==> flow/design.v <==
module ex_add_core_p #(
    parameter integer DW = 14,
    parameter integer N = 10,
    parameter integer RES_W = DW + $clog2(N)
) (
    input  logic aclk,
    input  logic reset,
    input  logic [N*DW-1:0] in_in,
    output logic [RES_W-1:0] out_res
);
    wire [RES_W-1:0] nd [1:2*N-1];
    generate
        for (genvar gi = 0; gi < N; gi++) begin : row
            assign nd[N+gi] = in_in[gi*DW +: DW];
        end
        for (genvar gi = 1; gi < N; gi++) begin : each
            assign nd[gi] = nd[2*gi] + nd[2*gi+1];
        end
    endgenerate
    always_ff @(posedge aclk or posedge reset) begin
        if (reset) begin
            out_res <= '0;
        end else begin
            out_res <= nd[1];
        end
    end
endmodule
; Reports on ex_add_core_p
; What the tools print for ex_add_core_p, step after step.
; Lines are those of the file above, counted from 1.
; Operators: Yosys type, input widths -> output width; for muxes data width and select width s.
; Library cell names are shortened.
; A cell with -- has no value.
[inputs]
design = ex_add_core_p
clock = aclk
library = sky130hd
corner = tt_025C_1v80

; Elaborated design
; Yosys after proc, flatten, opt, wreduce and memory -nomap, before mapping. Enables and synchronous resets that opt folds into registers are not counted as muxes. Memory bits, and registers merged into a memory's read port (data or address), are not among the register bits. Print and check cells are not counted. Equal cells are merged and count once.
[word_totals]
regBits = 18
input_bits = 142
[classes]
addsub = 9
[ops]
columns = op, n
row1 = $add 14x14->15, 5
row2 = $add 18x18->18, 4

; Logic depth
; Longest topological path by Yosys (ltp), each cell counted once; first at word level (registers and memories cut), then after technology mapping (sequential cells cut; the memories' decode and read muxes count).
[logic_depth]
depth_word = 4
abc_area = 0
depth_mapped = 21

; After synthesis
; The flow's flattened synthesis, as Yosys stat reports it; memories are mapped. The netlist is that of the ABC_AREA named above (0 if unset); the other value can give another one.
; The area totals of this step are shown rounded.
[types]
columns = cell, n, area_total_um2
row1 = ha_1, 88, 1.1E+03
row2 = fa_1, 49, 980.941
row3 = dfrtp_1, 18, 450.432
row4 = xnor2_1, 46, 402.886
row5 = a21oi_1, 59, 295.283
row6 = inv_1, 73, 274.013
row7 = a21o_1, 29, 217.709
row8 = xor2_1, 24, 210.202
row9 = nor2_1, 35, 131.376
row10 = o21ai_0, 26, 130.125
row11 = nand2_1, 28, 105.101
row12 = o21ai_1, 17, 85.082
row13 = a31oi_1, 11, 68.816
row14 = nand3_1, 13, 65.062
row15 = o21a_1, 7, 52.55
row16 = a211oi_2, 4, 50.048
row17 = and3_1, 8, 50.048
row18 = a221oi_2, 3, 45.043
; Other cell types: 29; their cells: 66.
[synth_totals]
cells = 604
yosys_area_um2 = 5200
sequential_area_um2 = 450
ffs = 18
n_buf = 1

; Path before layout
; OpenSTA on the mapped netlist: ideal clock, no wires. The path of least setup slack (recovery checks aside). Input and output delay are each 20% of the period. Register names are those of the netlist, which keeps one name where synthesis merged equal registers.
[synth_timing]
path_type = input port to flip-flop
startpoint = in in_in[56]
endpoint = reg out_res[15]
tclk_ns = 6.82
setup_ns = 0.080
t_first_pin_ns = 1.364
arrival_ns = 5.650
required_time_ns = 6.740
path_slack_ns = 1.090
delay_ns = 4.366
path_stages = 20
period_less_setup_slack_ns = 5.73
; "delay_ns" is the arrival time less input delay plus setup time.
; "path_stages": output pins that drive a net of the path, with the launching flip-flop's if there is one; two outputs of one cell count as two.
; "period_less_setup_slack_ns" = period - worst setup slack (recovery checks aside). The figure is calculated, with input and output delays left at 20% of the set period.
; Between the ends stands the longest chain of elaborated cells between them, by number of cells; it is not shown to be the way that was timed. Of several equally long chains one is given.
; Each line given opens the expression or statement behind the cell; cells for indexed reads and writes are added by Yosys, which also makes memories of some case tables.
[synth_between]
path_cell_list = ha_1 -> fa_1 -> a21o_1 -> a221oi_2 -> o21ai_1 -> nor3_1 -> o21bai_1 -> xor2_1 -> fa_1 -> inv_1 -> fa_1 -> fa_1 -> inv_1 -> ha_1 -> a21o_1 -> a21oi_1 -> o21a_1 -> o21ai_1 -> a21oi_1 -> xnor2_1
elab_chain_len = 3
cone_cells = 3
lines_between = 1
classes_between = add/sub (3)
[synth_lines]
columns = item, line_no
row1 = from (decl), 8  ; input  logic [N*DW-1:0] in_in,
row2 = $add 14x14->15, 17  ; assign nd[gi] = nd[2*gi] + nd[2*gi+1];
row3 = $add 18x18->18 x2, 17
row4 = to (assign), 22  ; out_res <= '0;
row5 = to (assign), 24  ; out_res <= nd[1];
row6 = to (decl), 9  ; output logic [RES_W-1:0] out_res

; Worst path after layout
; Path of least setup slack in the final report of entry A (OpenROAD, finished layout, wires in). Where an end is a register, its clock arrival counts in the times.
[layout_timing]
path_type = input port to flip-flop
startpoint = in in_in[42]
endpoint = reg out_res[13]
tclk_ns = 7.35
setup_ns = 0.08
t_first_pin_ns = 1.47
arrival_ns = 6.65
required_time_ns = 7.52
path_slack_ns = 0.87
path_stages = 21
; Between the ends stands the longest chain of elaborated cells between them, by number of cells; it is not shown to be the way that was timed. Of several equally long chains one is given.
[layout_between]
path_cell_list = clkdlybuf4s50_1 -> ha_1 -> inv_1 -> fa_1 -> nor2b_1 -> o31ai_1 -> a21oi_1 -> a21oi_1 -> o21ai_1 -> xnor2_1 -> fa_1 -> fa_1 -> inv_1 -> fa_1 -> inv_1 -> ha_1 -> a21o_1 -> a31oi_1 -> o211ai_1 -> a21oi_1 -> xnor2_1
elab_chain_len = 3
cone_cells = 3
lines_between = 1
classes_between = add/sub (3)
[layout_lines]
columns = item, line_no
row1 = from (decl), 8  ; input  logic [N*DW-1:0] in_in,
row2 = $add 14x14->15, 17  ; assign nd[gi] = nd[2*gi] + nd[2*gi+1];
row3 = $add 18x18->18 x2, 17
row4 = to (assign), 22  ; out_res <= '0;
row5 = to (assign), 24  ; out_res <= nd[1];
row6 = to (decl), 9  ; output logic [RES_W-1:0] out_res

; Stored flow runs of ex_add_core_p (3 of them; Yosys, OpenROAD, sky130hd). They differ in their settings and are not a sequence. Constraints: input delay and output delay 20% of the set period each, output load 0.01 pF.
; "period_less_ws_ns" means the clock period less the worst setup slack. The figure is calculated, with input and output delays left at 20% of the set period.
; "final_power_uw" is the tool's figure for a default switching activity; nothing was simulated.
; Results are given in rounded form.

[entry A: settings]
period_ns = 7.35
CORE_UTILIZATION = 28
SETUP_SLACK_MARGIN = -0.17
PLACE_DENSITY_LB_ADDON = 0.14
CORE_ASPECT_RATIO = 1.51
CELL_PAD_IN_SITES_GLOBAL_PLACEMENT = 2
ABC_AREA = 0
GPL_TIMING_DRIVEN = 0
GPL_ROUTABILITY_DRIVEN = 1
CTS_CLUSTER_DIAMETER = 248
SLEW_MARGIN = 30
CAP_MARGIN = 20
CORE_MARGIN = 2
[entry A: results]
yosys_chip_area_um2 = 5200
tns_setup_ns = 0.000
period_less_ws_ns = 6.477
die_um2 = 19700
finish.stdcell_area_um2 = 7160
setup_worst_slack_ns = 0.873
final_power_uw = 3000

[entry B: settings]
period_ns = 6.82
CAP_MARGIN = 20
CORE_MARGIN = 2
CORE_UTILIZATION = 40
SLEW_MARGIN = 20
[entry B: results]
yosys_chip_area_um2 = 5200
tns_setup_ns = 0.000
period_less_ws_ns = 6.385
die_um2 = 13900
finish.stdcell_area_um2 = 7100
setup_worst_slack_ns = 0.435
final_power_uw = 3260

[entry C: settings]
period_ns = 3.54
CORE_UTILIZATION = 62
SETUP_SLACK_MARGIN = 0.31
CORE_MARGIN = 2
GPL_ROUTABILITY_DRIVEN = 0
CAP_MARGIN = 0
MIN_ROUTING_LAYER = met1
SLEW_MARGIN = 20
[entry C: results]
outcome = did not finish, placement stopped with DPL-0038
